==> flow/design.v <==
module u_scratch_top #(
  parameter int WORDS = 128,
  parameter int DWIDTH = 2,
  parameter int ADDR_W = $clog2(WORDS)
) (
  input logic aclk,
  input logic [ADDR_W-1:0] index,
  input logic wen,
  input logic [DWIDTH-1:0] wr_data,
  output logic [DWIDTH-1:0] q
);
  logic [DWIDTH-1:0] store [0:WORDS-1];
  always_ff @(posedge aclk)
    if (wen) store[index] <= wr_data;
  assign q = wen ? wr_data : store[index];
endmodule
# ---- Step by step through the tools: u_scratch_top
# Module u_scratch_top in several versions that differ in "DWIDTH"; each step lists the members.
# The file above is the member DWIDTH = 2. Line numbers count from 1 in each member's own file.
# Operators carry their Yosys type and port widths (W data, S select, Z words).
# Cell names lack the library's common part.
# A cell with -- has no value.
dict set report setup {
  top {u_scratch_top}
  clock_port {aclk}
  cell_library {sky130hd}
  pvt_corner {tt_025C_1v80}
}

# ---- Members of the sweep
# Lines of each other member's file that are new or changed against the file above; lines that a member lacks are not shown.
# DWIDTH line_no
set changed_lines {}
lappend changed_lines {6 3} ;# parameter int DWIDTH = 6,
lappend changed_lines {8 3} ;# parameter int DWIDTH = 8,
lappend changed_lines {12 3} ;# parameter int DWIDTH = 12,

# ---- Elaborated design
# Source: Yosys, flattened and elaborated, memories not mapped. Widths are those after wreduce; folded enables and synchronous resets count as part of the registers. Registers that Yosys merges into a memory's read port (data or address) are not register bits. Print and check cells do not count. Equal cells are merged and count once.
# Memory sizes are those after Yosys's memory passes, which may raise the word count (mostly to a power of two), join words into wider ones and drop unused or constant bits.
# DWIDTH inputBits ram_bits elab_cells regBits n_memories
set bits {}
lappend bits {2 11 256 5 0 1}
lappend bits {6 15 768 5 0 1}
lappend bits {8 17 1024 5 0 1}
lappend bits {12 21 1536 5 0 1}
# DWIDTH mem_shapes
set memory_table {}
lappend memory_table {2 {store 128 x 2 bit 1R1W}}
lappend memory_table {6 {store 128 x 6 bit 1R1W}}
lappend memory_table {8 {store 128 x 8 bit 1R1W}}
lappend memory_table {12 {store 128 x 12 bit 1R1W}}
# DWIDTH n_mux
set op_classes {}
lappend op_classes {2 4}
lappend op_classes {6 4}
lappend op_classes {8 4}
lappend op_classes {12 4}
# DWIDTH op_list
set ops {}
lappend ops {2 {1 x $mux W7; 2 x $mux W2; 1 x $mux W1}}
lappend ops {6 {2 x $mux W6; 1 x $mux W7; 1 x $mux W1}}
lappend ops {8 {2 x $mux W8; 1 x $mux W7; 1 x $mux W1}}
lappend ops {12 {2 x $mux W12; 1 x $mux W7; 1 x $mux W1}}

# ---- Logic depth
# Yosys ltp: most cells in a row. Word level: on the elaborated netlist, between registers, memories and ports. Mapped: between sequential cells and ports; inverters and the memories' decode and read muxes count.
# DWIDTH word_depth abc_area depth_mapped
set logic_depth {}
lappend logic_depth {2 1 0 10}
lappend logic_depth {6 1 0 11}
lappend logic_depth {8 1 0 12}
lappend logic_depth {12 1 0 13}

# ---- After synthesis
# Yosys stat after the flow's synthesis: flattened, memories mapped to cells. It holds for the ABC_AREA given above (unset counts as 0); a run with the other value may have another netlist.
# Totals and module areas in this step are rounded.
# DWIDTH cells area_um2 ff_cells
set mapped {}
lappend mapped {2 732 10800 256}
lappend mapped {6 1704 30400 768}
lappend mapped {8 2288 40500 1024}
lappend mapped {12 3337 60100 1536}
# DWIDTH cell_types
set by_type {}
lappend by_type {2 {256 x edfxtp_1; 144 x nor2_1; 49 x mux2i_1; 20 x mux4_2; 45 x nand2_1; 12 x mux2_2; 22 x buf_2; 12 x a221oi_1; 14 x nor2b_1; 17 x nand3_1; 11 x a22oi_1; 14 x a21oi_1; 17 x clkbuf_1; 7 x a211oi_1; 7 x buf_4; 8 x o21ai_0; 6 x and2_1; 5 x o22ai_1; [+66]}}
lappend by_type {6 {768 x edfxtp_1; 83 x mux4_2; 59 x mux2i_1; 67 x a221oi_1; 52 x mux2_2; 147 x nor2_1; 94 x nand2_1; 38 x a22oi_1; 28 x a221o_1; 53 x buf_2; 37 x o21ai_0; 34 x a21oi_1; 45 x clkbuf_1; 14 x a22o_1; 13 x o2bb2ai_1; 14 x nor2b_1; 12 x and3_1; 11 x o22ai_1; [+135]}}
lappend by_type {8 {1024 x edfxtp_1; 90 x mux4_2; 101 x mux2i_1; 101 x a221oi_1; 70 x mux2_2; 184 x nor2_1; 84 x a21oi_1; 105 x nand2_1; 45 x a22oi_1; 62 x o21ai_0; 61 x buf_2; 34 x buf_4; 46 x clkbuf_1; 15 x buf_6; 27 x o22ai_1; 16 x a221o_1; 17 x o221ai_1; 15 x a22o_1; [+191]}}
lappend by_type {12 {1536 x edfxtp_1; 111 x mux4_2; 186 x a221oi_1; 157 x mux2i_1; 116 x mux2_2; 229 x nor2_1; 125 x o21ai_0; 108 x a21oi_1; 139 x nand2_1; 65 x a22oi_1; 46 x a221o_1; 81 x buf_2; 45 x buf_4; 26 x buf_6; 67 x clkbuf_1; 28 x o221ai_1; 32 x o22ai_1; 14 x a22o_1; [+226]}}
# A list marked [+n] leaves out that many cells.

# ---- Timing after synthesis
# Path of least setup slack by OpenSTA after synthesis, without wires, with an ideal clock, recovery checks aside; 20% of the period is set as input and as output delay. Where synthesis merged equal registers, the netlist keeps one of their names.
# DWIDTH path_kind startpoint endpoint slack_ps clock_period_ps driving_pins path_delay_ps period_less_setup_slack_ps
set synth_path {}
lappend synth_path {2 in2out {in index[2]} {out q[0]} 413 3440 9 1651 3027}
lappend synth_path {6 in2out {in index[0]} {out q[0]} 480 4010 9 1926 3530}
lappend synth_path {8 in2out {in index[1]} {out q[7]} 414 3460 9 1662 3046}
lappend synth_path {12 in2out {in index[2]} {out q[2]} 552 3970 8 1830 3418}
# "path_delay_ps" is the arrival time less input delay plus setup time.
# A path that ends at an output port has no setup time.
# "driving_pins": output pins that drive a net of the path, with the launching flip-flop's if there is one; two outputs of one cell count as two.
# "period_less_setup_slack_ps" is the clock period less the worst setup slack; recovery checks do not enter. This is arithmetic on one report: input and output delays are still those of the set period (20% each).
# Between the ends stands the longest chain of elaborated cells between them, by number of cells; it is not shown to be the way that was timed. Of several equally long chains one is given.
# Each line given opens the expression or statement behind the cell; cells for indexed reads and writes are added by Yosys, which also makes memories of some case tables.
# A memory read counts as a cell of the chain, while the word-level depth stops at memories.
dict set report synth_via_DWIDTH_2 {
  elab_chain_cells 2
}
# element line_no
set synth_lines_DWIDTH_2 {}
lappend synth_lines_DWIDTH_2 {{from (decl)} 7} ;# input logic [ADDR_W-1:0] index,
lappend synth_lines_DWIDTH_2 {{$mem_v2 Z128 W2} 12} ;# logic [DWIDTH-1:0] store [0:WORDS-1];
lappend synth_lines_DWIDTH_2 {{$mux W2} 15} ;# assign q = wen ? wr_data : store[index];
lappend synth_lines_DWIDTH_2 {{to (decl)} 10} ;# output logic [DWIDTH-1:0] q
dict set report synth_via_DWIDTH_12 {
  elab_chain_cells 2
}
# element line_no
set synth_lines_DWIDTH_12 {}
lappend synth_lines_DWIDTH_12 {{from (decl)} 7} ;# input logic [ADDR_W-1:0] index,
lappend synth_lines_DWIDTH_12 {{$mem_v2 Z128 W12} 12} ;# logic [DWIDTH-1:0] store [0:WORDS-1];
lappend synth_lines_DWIDTH_12 {{$mux W12} 15} ;# assign q = wen ? wr_data : store[index];
lappend synth_lines_DWIDTH_12 {{to (decl)} 10} ;# output logic [DWIDTH-1:0] q

# ---- Worst path after layout
# From the final timing report of the run of each member: the path of least setup slack in the routed layout; clock arrival at registers is part of the times.
# The path's times are printed in steps of 10 ps; the period is the one set.
# DWIDTH path_kind startpoint endpoint driving_pins slack_ps arrival_time_ps path_buffers clock_period_ps
set layout_path {}
lappend layout_path {2 in2out {in index[3]} {out q[1]} 10 -30 2790 5 3440}
lappend layout_path {6 in2out {in index[2]} {out q[2]} 11 -30 3240 5 4010}
lappend layout_path {8 in2out {in index[2]} {out q[4]} 13 -260 3020 6 3460}
lappend layout_path {12 in2out {in index[0]} {out q[10]} 9 -380 3550 3 3970}

# ---- Layout results
# Settings and results of one run of the flow (Yosys, OpenROAD) for each member follow. The constraints put input and output delay at 20% of the set period each and load the outputs with 0.01 pF.
dict set report settings {
  CAP_MARGIN 20
  CORE_MARGIN 2
  CORE_UTILIZATION 40
  SLEW_MARGIN 20
}
# DWIDTH period_ns
set settings_by_member {}
lappend settings_by_member {2 3.44}
lappend settings_by_member {6 4.01}
lappend settings_by_member {8 3.46}
lappend settings_by_member {12 3.97}
# DWIDTH timing.setup.tns_ps finish.utilization_pct setup_ws_ps design.die.area_um2 clock_period_reached_ps ws_hold_ps yosys.chip_area_um2 total_power_mw post_route_stdcell_area_um2
set results {}
lappend results {2 -35 50.3 -35 28400 3475 769 10800 6.71 13400}
lappend results {6 -43 49.5 -33 78300 4043 571 30400 17.7 37400}
lappend results {8 -1520 51.4 -257 104000 3717 373 40500 26.8 51600}
lappend results {12 -1220 50.8 -378 153000 4348 285 60100 35.4 76000}
# "clock_period_reached_ps" is the run's clock period less its worst setup slack. It is reckoned from that one timing run; input and output delays stay at 20% of the period that was set.
# "total_power_mw": no workload was simulated; the value follows from the tool's default switching activity.
# Measured values are rounded.
